==> flow/design.v <==
module dp_aligner_p #(
    parameter WIDTH = 56,
    parameter LOGN = $clog2(WIDTH)
) (
    input  clk,
    input  rst_i,
    input  en,
    input  [WIDTH-1:0] ch,
    input  [LOGN-1:0] dist_in,
    input  [1:0] op,
    output [WIDTH-1:0] q
);
    reg [WIDTH-1:0] ch_reg;
    always @(posedge clk or posedge rst_i) begin
        if (rst_i) begin
            ch_reg <= 0;
        end else if (en) begin
            ch_reg <= ch;
        end
    end
    reg [LOGN-1:0] dist_in_reg;
    always @(posedge clk or posedge rst_i) begin
        if (rst_i) begin
            dist_in_reg <= 0;
        end else if (en) begin
            dist_in_reg <= dist_in;
        end
    end
    reg [1:0] op_reg;
    always @(posedge clk or posedge rst_i) begin
        if (rst_i) begin
            op_reg <= 0;
        end else if (en) begin
            op_reg <= op;
        end
    end
    reg [WIDTH-1:0] cur;
    always @* begin
        case (op_reg)
            2'b00: cur = ch_reg << dist_in_reg;
            2'b01: cur = ch_reg >> dist_in_reg;
            2'b10: cur = $signed(ch_reg) >>> dist_in_reg;
            default: cur = ch_reg;
        endcase
    end
    assign q = cur;
endmodule
Step by step through the tools: dp_aligner_p:

The steps from the RTL of dp_aligner_p to its reports follow in flow order.
Line numbers count from 1 in the design file above.
Operators carry their Yosys type and port widths (W data, S select, Z words).
Not given: n/a

* top: dp_aligner_p
* clock input: clk
* cell library: sky130hd
* corner: tt_025C_1v80

After elaboration:

Source: Yosys, flattened and elaborated, memories not mapped. Widths are those after wreduce; folded enables and synchronous resets count as part of the registers. Registers that Yosys merges into a memory's read port (data or address) are not register bits. Print and check cells do not count. Equal cells are merged and count once.

* muxes and demuxes: 1
* reductions and logical operators: 1
* equal/unequal tests: 2
* shift-type cells: 3

Operators by type and width (count)
* $pmux W56 S3: 1
* $shl A56 B6 Y56: 1
* $shr A56 B6 Y56: 1
* $sshr A56 B6 Y56: 1
* $eq A2 B1 Y1 const B: 1
* $eq A2 B2 Y1 const B: 1
* $logic_not A2 Y1: 1

* register bits: 64
* output and inout bits: 56

Logic depth:

Yosys ltp: most cells in a row. Word level: on the elaborated netlist, between registers, memories and ports. Mapped: between sequential cells and ports; inverters and the memories' decode and read muxes count.

* word-level depth: 2
* ABC_AREA: 0
* depth in mapped cells: 11

Netlist:

The flow's flattened synthesis, as Yosys stat reports it; memories are mapped. The netlist is that of the ABC_AREA named above (0 if unset); the other value can give another one.

Cells by type (count)
* sky130_fd_sc_hd__mux4_2: 110
* sky130_fd_sc_hd__dfrtp_1: 64
* sky130_fd_sc_hd__mux2_2: 106
* sky130_fd_sc_hd__mux2i_1: 85
* sky130_fd_sc_hd__nor2_1: 147
* sky130_fd_sc_hd__nand2_1: 121
* sky130_fd_sc_hd__clkbuf_1: 104
* sky130_fd_sc_hd__a21oi_1: 59
* sky130_fd_sc_hd__o21ai_0: 52
* sky130_fd_sc_hd__o211ai_1: 27
* sky130_fd_sc_hd__buf_6: 15
* sky130_fd_sc_hd__a211oi_1: 22
* sky130_fd_sc_hd__o22ai_1: 24
* sky130_fd_sc_hd__o221ai_1: 14
* sky130_fd_sc_hd__a22oi_1: 15
* sky130_fd_sc_hd__a31oi_1: 17
* sky130_fd_sc_hd__buf_2: 21
* sky130_fd_sc_hd__nand3_1: 21

Other cell types: 68; their cells: 227.

* flip-flops: 64
* synthesis area: 11109.4 µm²
* cell count: 1251

Timing after synthesis:

Source: OpenSTA report_checks on the synthesized netlist (no wires, ideal clock, input and output delay 20% of the period each), path of least setup slack; recovery checks are left aside. Register names are those of the netlist, which keeps one name where synthesis merged equal registers.

* path kind: reg-to-output
* start: register dist_in_reg[1]
* end: output port q[16]
* clock period: 3420 ps
* data arrival time: 2189 ps
* path delay: 2189 ps
* stages on the path: 8
* time at the first pin: 0 ps
* path slack: 547 ps
* period reached after synthesis: 2873 ps

"path delay" is the arrival time less input delay plus setup time.
At an output port there is no setup time.
"stages on the path" counts driving pins, that of a launching flip-flop among them; a cell with two outputs on the path counts twice.
"period reached after synthesis" is the clock period less the worst setup slack; recovery checks do not enter. This is arithmetic on one report: input and output delays are still those of the set period (20% each).
The rows between start and end are the longest chain of elaborated cells between them; the timing report does not say that the signal goes this way. Where chains are equally long, one stands for them.
Each line given opens the expression or statement behind the cell; cells for indexed reads and writes are added by Yosys, which also makes memories of some case tables.

* cells stage by stage: sky130_fd_sc_hd__dfrtp_1 -> sky130_fd_sc_hd__buf_6 -> sky130_fd_sc_hd__buf_2 -> sky130_fd_sc_hd__mux4_2 -> sky130_fd_sc_hd__mux2_2 -> sky130_fd_sc_hd__a221oi_1 -> sky130_fd_sc_hd__nand3_1 -> sky130_fd_sc_hd__o22a_1
* length of the longest elaborated chain: 2

Ends and longest elaborated chain, after synthesis
* start: declaration: RTL line 21 `reg [LOGN-1:0] dist_in_reg;`
* start: assignment: RTL line 24 `dist_in_reg <= 0;`
* start: assignment: RTL line 26 `dist_in_reg <= dist_in;`
* $sshr A56 B6 Y56: RTL line 42 `2'b10: cur = $signed(ch_reg) >>> dist_in_reg;`
* $pmux W56 S3: RTL line 39 `case (op_reg)`
* end: declaration: RTL line 11 `output [WIDTH-1:0] q`

Timing after layout:

Path of least setup slack in the final report of flow run 1 (OpenROAD, finished layout, wires in). Where an end is a register, its clock arrival counts in the times.
The report prints the path's times to 10 ps; the period is as set.

* path kind: reg-to-output
* start: register dist_in_reg[1]
* end: output port q[38]
* clock period: 3420 ps
* path slack: -370 ps
* time at the first pin: 360 ps
* data arrival time: 3100 ps
* stages on the path: 12

The rows between start and end are the longest chain of elaborated cells between them; the timing report does not say that the signal goes this way. Where chains are equally long, one stands for them.

* cells stage by stage: sky130_fd_sc_hd__dfrtp_4 -> sky130_fd_sc_hd__buf_12 -> sky130_fd_sc_hd__buf_8 -> sky130_fd_sc_hd__buf_8 -> sky130_fd_sc_hd__mux4_2 -> sky130_fd_sc_hd__mux2_4 -> sky130_fd_sc_hd__a222oi_1 -> sky130_fd_sc_hd__buf_4 -> sky130_fd_sc_hd__buf_6 -> sky130_fd_sc_hd__o221ai_4 -> sky130_fd_sc_hd__o21a_1 -> sky130_fd_sc_hd__buf_2
* length of the longest elaborated chain: 2

Ends and longest elaborated chain, post-layout
* start: declaration: RTL line 21 `reg [LOGN-1:0] dist_in_reg;`
* start: assignment: RTL line 24 `dist_in_reg <= 0;`
* start: assignment: RTL line 26 `dist_in_reg <= dist_in;`
* $sshr A56 B6 Y56: RTL line 42 `2'b10: cur = $signed(ch_reg) >>> dist_in_reg;`
* $pmux W56 S3: RTL line 39 `case (op_reg)`
* end: declaration: RTL line 11 `output [WIDTH-1:0] q`

Hand-over note for dp_aligner_p

3 stored runs of dp_aligner_p in the flow (synthesis by Yosys, layout by OpenROAD, sky130hd cells), in arbitrary order. Constraints: input delay and output delay 20% of the set period each, output load 0.01 pF.
"clock period reached" means the clock period less the worst setup slack. The figure is calculated, with input and output delays left at 20% of the set period.
"worst path time" means the part of the period allowed to the worst setup path (the constraints hold back 20% at inputs and 20% at outputs) less its slack; where the path has registers, the arrival times of their clocks count too.
"total power of the final layout" is the tool's figure for a default switching activity; nothing was simulated.
"worst path time" is known to 10 ps.

### Flow run 1

==> flow/run.sh <==
#!/bin/bash
# the make line also repeats the synthesis and layout settings of config.mk as NAME=value (left out here)
make -C /OpenROAD-flow-scripts/flow DESIGN_CONFIG=/design/flow/config.mk WORK_HOME=/design/flow/orfs CLKGATE_MAP_FILE= finish
==> flow/config.mk <==
export PLATFORM = sky130hd
export DESIGN_NAME = dp_aligner_p
export DESIGN_NICKNAME = dp_aligner_p
export VERILOG_FILES = /design/flow/design.v
export SDC_FILE = /design/flow/constraint.sdc
export NUM_CORES = 4
export LEC_CHECK = 0
export CAP_MARGIN = 20
export CORE_MARGIN = 2
export CORE_UTILIZATION = 40
export SLEW_MARGIN = 20
==> flow/constraint.sdc <==
create_clock -name core_clock -period 3.42 [get_ports {clk}]
set_input_delay 0.6840 -clock core_clock [delete_from_list [all_inputs] [get_ports {clk}]]
set_output_delay 0.6840 -clock core_clock [all_outputs]
set_load 0.01 [all_outputs]

Results of flow run 1:
- Clock period reached: 3,787 ps
- Total power of the final layout: 8.104 mW
- Worst path time: 3,100 ps
- Type of the worst setup path: reg-to-output
- Standard-cell area of the final layout: 18,501.5 µm²
- Setup slack of the worst path: -367 ps
- Utilization after layout: 67.1%
- Cell area after synthesis: 11,109.4 µm²
- Total negative setup slack: -12,394 ps
- Overall die area: 29,123.1 µm²
- Worst hold slack in the final report: 611 ps

### Flow run 2

==> flow/run.sh <==
#!/bin/bash
# the make line also repeats the synthesis and layout settings of config.mk as NAME=value (left out here)
make -C /OpenROAD-flow-scripts/flow DESIGN_CONFIG=/design/flow/config.mk WORK_HOME=/design/flow/orfs CLKGATE_MAP_FILE= finish
==> flow/config.mk <==
export PLATFORM = sky130hd
export DESIGN_NAME = dp_aligner_p
export DESIGN_NICKNAME = dp_aligner_p
export VERILOG_FILES = /design/flow/design.v
export SDC_FILE = /design/flow/constraint.sdc
export NUM_CORES = 4
export LEC_CHECK = 0
export CAP_MARGIN = 20
export CORE_MARGIN = 2
export CORE_UTILIZATION = 28
export CTS_CLUSTER_DIAMETER = 299
export HOLD_SLACK_MARGIN = 0.26
export MIN_ROUTING_LAYER = met2
export PLACE_DENSITY_LB_ADDON = 0.27
export SETUP_SLACK_MARGIN = 1.57
export SLEW_MARGIN = 5
==> flow/constraint.sdc <==
create_clock -name core_clock -period 5.33 [get_ports {clk}]
set_input_delay 1.0660 -clock core_clock [delete_from_list [all_inputs] [get_ports {clk}]]
set_output_delay 1.0660 -clock core_clock [all_outputs]
set_load 0.01 [all_outputs]

Outcome of flow run 2: stopped before the end: routing reported GRT-0116

### Flow run 3

==> flow/run.sh <==
#!/bin/bash
# the make line also repeats the synthesis and layout settings of config.mk as NAME=value (left out here)
make -C /OpenROAD-flow-scripts/flow DESIGN_CONFIG=/design/flow/config.mk WORK_HOME=/design/flow/orfs CLKGATE_MAP_FILE= finish
==> flow/config.mk <==
export PLATFORM = sky130hd
export DESIGN_NAME = dp_aligner_p
export DESIGN_NICKNAME = dp_aligner_p
export VERILOG_FILES = /design/flow/design.v
export SDC_FILE = /design/flow/constraint.sdc
export NUM_CORES = 4
export LEC_CHECK = 0
export ABC_AREA = 0
export CAP_MARGIN = 20
export CELL_PAD_IN_SITES_GLOBAL_PLACEMENT = 1
export CORE_ASPECT_RATIO = 0.8
export CORE_MARGIN = 2
export CORE_UTILIZATION = 67
export GPL_ROUTABILITY_DRIVEN = 0
export GPL_TIMING_DRIVEN = 0
export MIN_ROUTING_LAYER = met1
export PLACE_DENSITY = 0.37
export SETUP_SLACK_MARGIN = 0.55
export SLEW_MARGIN = 20
==> flow/constraint.sdc <==
create_clock -name core_clock -period 1.89 [get_ports {clk}]
set_input_delay 0.3780 -clock core_clock [delete_from_list [all_inputs] [get_ports {clk}]]
set_output_delay 0.3780 -clock core_clock [all_outputs]
set_load 0.01 [all_outputs]

Outcome of flow run 3: stopped before the end: placement reported GPL-0301

End of note.
